==> flow/design.v <==
module cpu_cmp_n (i_clk, i_rst, clk_en, in_arg0, in_arg1, out_is_lt, out_same, out_above);
   parameter BITS = 18;
   input i_clk;
   input i_rst;
   input clk_en;
   input [BITS-1:0] in_arg0;
   input [BITS-1:0] in_arg1;
   output out_is_lt;
   output out_same;
   output out_above;
   reg [BITS-1:0] arg0_reg;
   always @(posedge i_clk) begin
      if (i_rst) begin
         arg0_reg <= 0;
      end else if (clk_en) begin
         arg0_reg <= in_arg0;
      end
   end
   reg [BITS-1:0] arg1_reg;
   always @(posedge i_clk) begin
      if (i_rst) begin
         arg1_reg <= 0;
      end else if (clk_en) begin
         arg1_reg <= in_arg1;
      end
   end
   assign out_is_lt = (arg0_reg < arg1_reg);
   assign out_same = (arg0_reg == arg1_reg);
   assign out_above = (arg0_reg > arg1_reg);
endmodule
Reports on cpu_cmp_n
The steps from the RTL of cpu_cmp_n to its reports follow in flow order. Line numbers count from 1 in the design file above. Operators carry their Yosys type and port widths (W data, S select, Z words). Library cell names are shortened. A cell with - has no value.

Design top: cpu_cmp_n. Clock input: i_clk. Library: sky130hd. Corner: tt_025C_1v80.

After elaboration
Counts by Yosys on the flattened word-level netlist (proc, flatten, opt, wreduce; memories kept). Register bits leave out memories and registers merged into their read ports (data or address); mux counts leave out enables and synchronous resets folded into registers. Print and check cells are left out. Cells with the same type and inputs are merged into one.

Under word-level cells stands 5. For register bits the number is 36. The figure for input bits is 39. Output and inout port bits: 3.

The figure for $lt $le $gt $ge is 2. For equal/unequal tests the number is 1.

Operators by type and width (number): $gt A18 B18 Y1 (1); $lt A18 B18 Y1 (1); $eq A18 B18 Y1 (1).

Longest topological paths
Depth = most cells in a row (Yosys ltp): at word level without a register or memory, in the mapped netlist without a sequential cell, where the memories' decode and read muxes count.

Depth after elaboration: 1. ABC_AREA: 0. For depth in mapped cells the number is 7. Gate-level depth less buffers: 7.

Synthesis result
The flow's flattened synthesis, as Yosys stat reports it; memories are mapped. The netlist is that of the ABC_AREA named above (0 if unset); the other value can give another one.

Cells by type: dfxtp_1 (number 36, total area 720.691 µm²); mux2i_1 (number 36, total area 360.346 µm²); ha_1 (number 18, total area 225.216 µm²); nor2_1 (number 38, total area 142.637 µm²); inv_1 (number 18, total area 67.565 µm²); a21oi_1 (number 7, total area 35.034 µm²); nand4_2 (number 2, total area 25.024 µm²); a21o_1 (number 3, total area 22.522 µm²); buf_4 (number 3, total area 22.522 µm²); clkbuf_1 (number 4, total area 15.014 µm²); nand3_1 (number 3, total area 15.014 µm²); nand4_1 (number 2, total area 12.512 µm²); nor4_2 (number 1, total area 12.512 µm²); a22oi_1 (number 1, total area 7.507 µm²); and3_2 (number 1, total area 7.507 µm²); nand2_1 (number 2, total area 7.507 µm²); a31oi_1 (number 1, total area 6.256 µm²); and3_1 (number 1, total area 6.256 µm²).

Other cell types: 4; their cells: 4.

The entry for chip area (Yosys) reads 1730.4 µm². Under sequential part of the area stands 720.7 µm². Flip-flops: 36. The figure for buffer cells is 8. The entry for standard cells after synthesis reads 181.

Timing after synthesis
OpenSTA on the mapped netlist: ideal clock, no wires. The path of least setup slack (recovery checks aside). Input and output delay are each 20% of the period. Register names are those of the netlist, which keeps one name where synthesis merged equal registers.

Path type: reg-to-output. From: reg arg1_reg[16]. To: out out_above. Required time: 1.792 ns. For path buffers the number is 0. The entry for setup slack reads 0.358 ns. For period the number is 2.24 ns. The figure for delay of the path is 1.434 ns. Data arrival time: 1.434 ns. For output delay the number is 0.448 ns. Time at the first pin: 0.000 ns. The entry for stages reads 7. The figure for synthesis period reached is 1.882 ns.

"delay of the path" = arrival - input delay + setup time. At an output port there is no setup time. "stages": output pins that drive a net of the path, with the launching flip-flop's if there is one; two outputs of one cell count as two. "synthesis period reached" = period - worst setup slack (recovery checks aside). The figure is calculated, with input and output delays left at 20% of the set period. Between the ends stands the longest chain of elaborated cells between them, by number of cells; it is not shown to be the way that was timed. Of several equally long chains one is given. A line is the first line of the expression or statement that the cell stems from. Yosys adds cells for indexed reads and writes and turns some case tables into memories.

Cells stage by stage: dfxtp_1 -> inv_1 -> ha_1 -> nand4_2 -> nor4_2 -> a22oi_1 -> a31oi_1. Cells in the longest elaborated chain: 1. For elaborated cells between the ends (all ways) the number is 1. For RTL lines with such cells the number is 1. Classes of those cells: 1 x compare.

RTL lines, path post-synthesis: start: declaration (RTL line 19) `reg [BITS-1:0] arg1_reg;`; start: assignment (RTL line 22) `arg1_reg <= 0;`; start: assignment (RTL line 24) `arg1_reg <= in_arg1;`; $gt A18 B18 Y1 (RTL line 29) `assign out_above = (arg0_reg > arg1_reg);`; end: declaration (RTL line 10) `output out_above;`.

Worst path after layout
Path of least setup slack in the final report of record 2 (OpenROAD, finished layout, wires in). Where an end is a register, its clock arrival counts in the times.

Path type: reg-to-output. From: reg arg1_reg[3]. To: out out_above. Data arrival time: 1.87 ns. The entry for setup slack reads -0.08 ns. Required time: 1.79 ns. For output delay the number is 0.45 ns. For period the number is 2.24 ns. For path buffers the number is 1. The entry for stages reads 8. Time at the first pin: 0.28 ns.

Between the ends stands the longest chain of elaborated cells between them, by number of cells; it is not shown to be the way that was timed. Of several equally long chains one is given.

Cells stage by stage: dfxtp_2 -> inv_2 -> ha_4 -> nand4_1 -> nor4_4 -> and3_4 -> a31oi_1 -> buf_2. Cells in the longest elaborated chain: 1. For elaborated cells between the ends (all ways) the number is 1. For RTL lines with such cells the number is 1. Classes of those cells: 1 x compare.

RTL lines, path after layout: start: declaration (RTL line 19) `reg [BITS-1:0] arg1_reg;`; start: assignment (RTL line 22) `arg1_reg <= 0;`; start: assignment (RTL line 24) `arg1_reg <= in_arg1;`; $gt A18 B18 Y1 (RTL line 29) `assign out_above = (arg0_reg > arg1_reg);`; end: declaration (RTL line 10) `output out_above;`.

Measured results for cpu_cmp_n: 3 stored runs of the Yosys and OpenROAD flow on sky130hd. The settings differ; the order carries no meaning. The constraints put input and output delay at 20% of the set period each and load the outputs with 0.01 pF. By "achieved period" is meant the clock period of the run minus its worst setup slack. This is arithmetic on one report: input and output delays are still those of the set period (20% each). By "time of the worst setup path" is meant the share of the clock period that the worst setup path is allowed (20% is reserved at inputs, 20% at outputs), minus its slack. Clock arrival times at its registers enter into it. "power" rests on the timing tool's default activity at the inputs, not on a simulated workload.

Record 1 has these settings: period_ns 1.16; CORE_UTILIZATION 71; PLACE_DENSITY_LB_ADDON 0.3; CELL_PAD_IN_SITES_DETAIL_PLACEMENT 1; TNS_END_PERCENT 50; GPL_TIMING_DRIVEN 1; CTS_CLUSTER_SIZE 58; CTS_CLUSTER_DIAMETER 139; MIN_ROUTING_LAYER met2; MAX_ROUTING_LAYER met5; CAP_MARGIN 20; CORE_MARGIN 2; SLEW_MARGIN 20. Outcome: no final report: placement broke off with FLW-0024.

Record 2 has these settings: period_ns 2.24; CAP_MARGIN 20; CORE_MARGIN 2; CORE_UTILIZATION 40; SLEW_MARGIN 20. The measured setup TNS is -0.102 ns. The area of the die stands at 4867.9 µm². The achieved period is 2.318 ns. The measured time of the worst setup path is 1.87 ns. Worst setup path kind: reg-to-output. The power comes to 1.503 mW. For the lowest hold slack the run shows 0.485 ns. The setup slack of the critical path comes to -0.078 ns. The post-layout utilization is 60.3 %. The standard-cell area of the final layout is 2464.9 µm². The synthesis area reads 1730.4 µm².

Record 3 has these settings: period_ns 1.52; CORE_UTILIZATION 24; SETUP_SLACK_MARGIN 0.4; PLACE_DENSITY_LB_ADDON 0.29; CORE_ASPECT_RATIO 0.57; GPL_ROUTABILITY_DRIVEN 1; SLEW_MARGIN 15; CAP_MARGIN 20; CORE_MARGIN 2. The measured setup TNS is -1.635 ns. The area of the die stands at 7932.2 µm². The achieved period is 2.104 ns. The measured time of the worst setup path is 1.80 ns. Worst setup path kind: reg-to-output. The power comes to 2.728 mW. For the lowest hold slack the run shows 0.480 ns. The setup slack of the critical path comes to -0.584 ns. The post-layout utilization is 38.9 %. The standard-cell area of the final layout is 2722.6 µm². The synthesis area reads 1730.4 µm².
